==> flow/design.v <==
module cpu_mem_rtl #(
    parameter integer D = 24,
    parameter integer XLEN = 64,
    parameter integer ABITS = $clog2(D)
) (
    input  wire ck,
    input  wire rst_n,
    input  wire wen_i,
    input  wire [ABITS-1:0] wa_i,
    input  wire [XLEN-1:0] write_data_i,
    input  wire [ABITS-1:0] rd_idx0_i,
    input  wire [ABITS-1:0] rd_idx1_i,
    output wire [XLEN-1:0] rd0_o,
    output wire [XLEN-1:0] rd1_o
);
    reg wen_q;
    always @(posedge ck or negedge rst_n) begin
        if (~rst_n) begin
            wen_q <= 1'b0;
        end else begin
            wen_q <= wen_i;
        end
    end
    reg [ABITS-1:0] wa_q;
    always @(posedge ck or negedge rst_n) begin
        if (~rst_n) begin
            wa_q <= 0;
        end else begin
            wa_q <= wa_i;
        end
    end
    reg [XLEN-1:0] write_data_q;
    always @(posedge ck or negedge rst_n) begin
        if (~rst_n) begin
            write_data_q <= 0;
        end else begin
            write_data_q <= write_data_i;
        end
    end
    reg [XLEN-1:0] gpr [0:D-1];
    always @(posedge ck) begin
        if (wen_q)
            gpr[wa_q] <= write_data_q;
    end
    reg [ABITS-1:0] rd_idx0_q;
    always @(posedge ck or negedge rst_n) begin
        if (~rst_n) begin
            rd_idx0_q <= 0;
        end else begin
            rd_idx0_q <= rd_idx0_i;
        end
    end
    reg [ABITS-1:0] rd_idx1_q;
    always @(posedge ck or negedge rst_n) begin
        if (~rst_n) begin
            rd_idx1_q <= 0;
        end else begin
            rd_idx1_q <= rd_idx1_i;
        end
    end
    assign rd0_o = gpr[rd_idx0_q];
    assign rd1_o = gpr[rd_idx1_q];
endmodule
# --- Reports on cpu_mem_rtl ---
# Tool output for the design above, in the order of the flow.
# Line numbers count from 1 in the design file above.
setup:
  design: "cpu_mem_rtl"
  clock_port: "ck"
  cell_library: "sky130hd"
  corner: "tt_025C_1v80"

# --- Word level ---
# Source: Yosys, flattened and elaborated, memories not mapped. Widths are those after wreduce; folded enables and synchronous resets count as part of the registers. Registers that Yosys merges into a memory's read port (data or address) are not register bits. Print and check cells do not count. Equal cells are merged and count once.
# Memory sizes are those after Yosys's memory passes, which may raise the word count (mostly to a power of two), join words into wider ones and drop unused or constant bits.
bits:
  ff_bits: 80
  latchBits: 0
  mem_bits_rw: 1536
  romBits: 0
  clocked_rd_ports_x_width: 0
  mem_count: 1
  inputBits: 82
  output_inout_bits: 128
  elab_cells: 9
mem_list:
  columns: ["name", "words", "word_bits", "rd", "wr", "line_no", "rtl"]
  rows:
  - ["gpr", 24, 64, 2, 1, 40, "reg [XLEN-1:0] gpr [0:D-1];"]
classes:
  n_addsub: 0
  n_mul: 0
  div_mod_pow: 0
  cmp: 0
  n_eq: 0
  n_shift: 0
  mux: 3
  logic: 0
  reduce_logical: 0
ops:
  columns: ["cell", "count"]
  rows:
  - ["2-to-1 mux 64 bit", 1]
  - ["2-to-1 mux 5 bit", 1]
  - ["2-to-1 mux 1 bit", 1]

# --- Logic depth ---
# Depth = most cells in a row (Yosys ltp): at word level without a register or memory, in the mapped netlist without a sequential cell, where the memories' decode and read muxes count.
depth:
  ltp_word: 1
  abc_area: 0
  mapped_depth: 9
  ltp_nobuf: 4

# --- After synthesis ---
# The flow's flattened synthesis, as Yosys stat reports it; memories are mapped. The netlist is that of the ABC_AREA named above (0 if unset); the other value can give another one.
by_type:
  columns: ["cell", "count", "area_total_um2"]
  rows:
  - ["sky130_fd_sc_hd__edfxtp_1", 1536, 4.61E+04]
  - ["sky130_fd_sc_hd__mux4_2", 488, 1.1E+04]
  - ["sky130_fd_sc_hd__mux2i_1", 596, 5.97E+03]
  - ["sky130_fd_sc_hd__dfrtp_1", 80, 2001.92]
  - ["sky130_fd_sc_hd__a221oi_1", 168, 1.47E+03]
  - ["sky130_fd_sc_hd__o21ai_0", 181, 905.869]
  - ["sky130_fd_sc_hd__mux2_2", 79, 889.603]
  - ["sky130_fd_sc_hd__a22oi_1", 88, 660.634]
  - ["sky130_fd_sc_hd__o311ai_0", 69, 604.33]
  - ["sky130_fd_sc_hd__clkbuf_1", 142, 533.011]
  - ["sky130_fd_sc_hd__buf_2", 103, 515.494]
  - ["sky130_fd_sc_hd__o211ai_1", 65, 487.968]
  - ["sky130_fd_sc_hd__nand3_1", 61, 305.293]
  - ["sky130_fd_sc_hd__nand2_1", 75, 281.52]
  - ["sky130_fd_sc_hd__buf_4", 36, 270.259]
  - ["sky130_fd_sc_hd__buf_6", 16, 180.173]
  - ["sky130_fd_sc_hd__nor2b_1", 16, 100.096]
  - ["sky130_fd_sc_hd__a211oi_1", 13, 97.594]
# Other cell types: 13; their cells: 88.
mapped:
  cells: 3900
  synth_area_um2: 72841.1
  sequential_area_um2: 48126.2
  ffs: 1616
  buf_cells: 323

# --- Timing after synthesis ---
# Path of least setup slack by OpenSTA after synthesis, without wires, with an ideal clock, recovery checks aside; 20% of the period is set as input and as output delay. Where synthesis merged equal registers, the netlist keeps one of their names.
synth_timing:
  path_kind: "register to register"
  from: "register wa_q[1]"
  to: "memory gpr[12][0]"
  tclk_ns: 5.21
  setup_time_ns: 0.486
  launch_ns: 0.000
  arrival_time_ns: 3.686
  required_ns: 4.724
  slack_ns: 1.037
  path_delay_ns: 4.172
  path_stages: 4
  n_path_buf: 1
  synth_period_reached_ns: 4.173
# "path_delay_ns" = arrival - input delay + setup time.
# "path_stages" counts driving pins, that of a launching flip-flop among them; a cell with two outputs on the path counts twice.
# "synth_period_reached_ns" is the clock period less the worst setup slack; recovery checks do not enter. This is arithmetic on one report: input and output delays are still those of the set period (20% each).
# The rows between start and end are the longest chain of elaborated cells between them; the timing report does not say that the signal goes this way. Where chains are equally long, one stands for them.
# Each line given opens the expression or statement behind the cell; cells for indexed reads and writes are added by Yosys, which also makes memories of some case tables.
synth_between:
  cell_sequence: "sky130_fd_sc_hd__dfrtp_1 > sky130_fd_sc_hd__or3b_2 > sky130_fd_sc_hd__clkbuf_1 > sky130_fd_sc_hd__nor2_1"
  elab_chain_cells: 1
  cone_cells: 1
  cone_lines: 1
  classes_between: "1 x mux"
synth_rtl:
  columns: ["item", "line_no", "rtl"]
  rows:
  - ["start, declared", 24, "reg [ABITS-1:0] wa_q;"]
  - ["start, assigned", 27, "wa_q <= 0;"]
  - ["start, assigned", 29, "wa_q <= wa_i;"]
  - ["2-to-1 mux 5 bit", 42, "if (wen_q)"]
  - ["end, declared", 40, "reg [XLEN-1:0] gpr [0:D-1];"]

# --- Path in the finished layout ---
# Path of least setup slack in the final report of record 1 (OpenROAD, finished layout, wires in). Where an end is a register, its clock arrival counts in the times.
layout_timing:
  path_kind: "register to output"
  from: "register rd_idx1_q[0]"
  to: "output port rd1_o[18]"
  tclk_ns: 2.85
  output_delay_ns: 0.57
  launch_ns: 0.94
  arrival_time_ns: 3.45
  required_ns: 2.28
  slack_ns: -1.17
  path_stages: 12
  n_path_buf: 8
# The rows between start and end are the longest chain of elaborated cells between them; the timing report does not say that the signal goes this way. Where chains are equally long, one stands for them.
# A memory read counts as a cell of the chain, while the word-level depth stops at memories.
layout_between:
  cell_sequence: "sky130_fd_sc_hd__dfrtp_1 > sky130_fd_sc_hd__buf_12 > sky130_fd_sc_hd__buf_12 > sky130_fd_sc_hd__buf_16 > sky130_fd_sc_hd__buf_12 > sky130_fd_sc_hd__clkbuf_16 > sky130_fd_sc_hd__buf_6 > sky130_fd_sc_hd__mux4_2 > sky130_fd_sc_hd__mux2i_4 > sky130_fd_sc_hd__o311ai_2 > sky130_fd_sc_hd__buf_4 > sky130_fd_sc_hd__buf_6"
  elab_chain_cells: 1
  cone_cells: 1
  cone_lines: 1
  classes_between: "1 x memory"
layout_rtl:
  columns: ["item", "line_no", "rtl"]
  rows:
  - ["start, declared", 53, "reg [ABITS-1:0] rd_idx1_q;"]
  - ["start, assigned", 56, "rd_idx1_q <= 0;"]
  - ["start, assigned", 58, "rd_idx1_q <= rd_idx1_i;"]
  - ["memory read (24 x 64 bit)", 40, "reg [XLEN-1:0] gpr [0:D-1];"]
  - ["end, declared", 14, "output wire [XLEN-1:0] rd1_o"]

# Record of 3 stored runs of the RTL-to-layout flow on cpu_mem_rtl, platform sky130hd. The runs are unordered. Constraints: input delay and output delay 20% of the set period each, output load 0.01 pF.
# "critical_path_time_ns": the worst setup path's part of the clock period (all of it between registers, 20% less for each end at a port) less its slack. A launch clock that arrives late makes it longer, a capture clock that arrives late makes it shorter.
# "total_power_mw" is the tool's figure for a default switching activity; nothing was simulated.
runs:
  - name: "record 1"
    settings:
      period_ns: 2.85
      CORE_UTILIZATION: 18
      SETUP_SLACK_MARGIN: 0.7
      PLACE_DENSITY: 0.42
      CORE_ASPECT_RATIO: 0.88
      CELL_PAD_IN_SITES_GLOBAL_PLACEMENT: 3
      CELL_PAD_IN_SITES_DETAIL_PLACEMENT: 0
      ABC_AREA: 0
      GPL_TIMING_DRIVEN: 0
      CTS_CLUSTER_SIZE: 58
      MIN_ROUTING_LAYER: "met2"
      CAP_MARGIN: 20
      CORE_MARGIN: 2
      SLEW_MARGIN: 20
    results:
      synth_area_um2: 72841.1
      critical_path_time_ns: 3.45
      path_kind: "register to output"
      timing.setup.tns_ns: -129.401
      finalUtil_frac: 0.249
      total_power_mw: 60.179
      fin_ws_ns: -1.169
      final_cell_area_um2: 100643.0
      die_um2: 409787.0
  - name: "record 2"
    settings:
      period_ns: 5.67
      CORE_UTILIZATION: 26
      SETUP_SLACK_MARGIN: 1.45
      PLACE_DENSITY: 0.51
      HOLD_SLACK_MARGIN: 0.3
      CELL_PAD_IN_SITES_GLOBAL_PLACEMENT: 0
      ABC_AREA: 0
      GPL_TIMING_DRIVEN: 0
      CAP_MARGIN: 25
      MAX_ROUTING_LAYER: "met5"
      CORE_MARGIN: 2
      SLEW_MARGIN: 20
    results:
      finalUtil_frac: 0.338
      die_um2: 284409.0
      fin_ws_ns: 1.218
      timing.setup.tns_ns: 0.000
      critical_path_time_ns: 3.32
      path_kind: "register to output"
      synth_area_um2: 72841.1
      final_cell_area_um2: 94292.9
      total_power_mw: 28.154
  - name: "record 3"
    settings:
      period_ns: 5.21
      CAP_MARGIN: 20
      CORE_MARGIN: 2
      CORE_UTILIZATION: 40
      SLEW_MARGIN: 20
    results:
      die_um2: 185533.0
      final_cell_area_um2: 84800.1
      finalUtil_frac: 0.469
      fin_ws_ns: 0.167
      critical_path_time_ns: 4.00
      path_kind: "register to output"
      total_power_mw: 29.789
      timing.setup.tns_ns: 0.000
      synth_area_um2: 72841.1
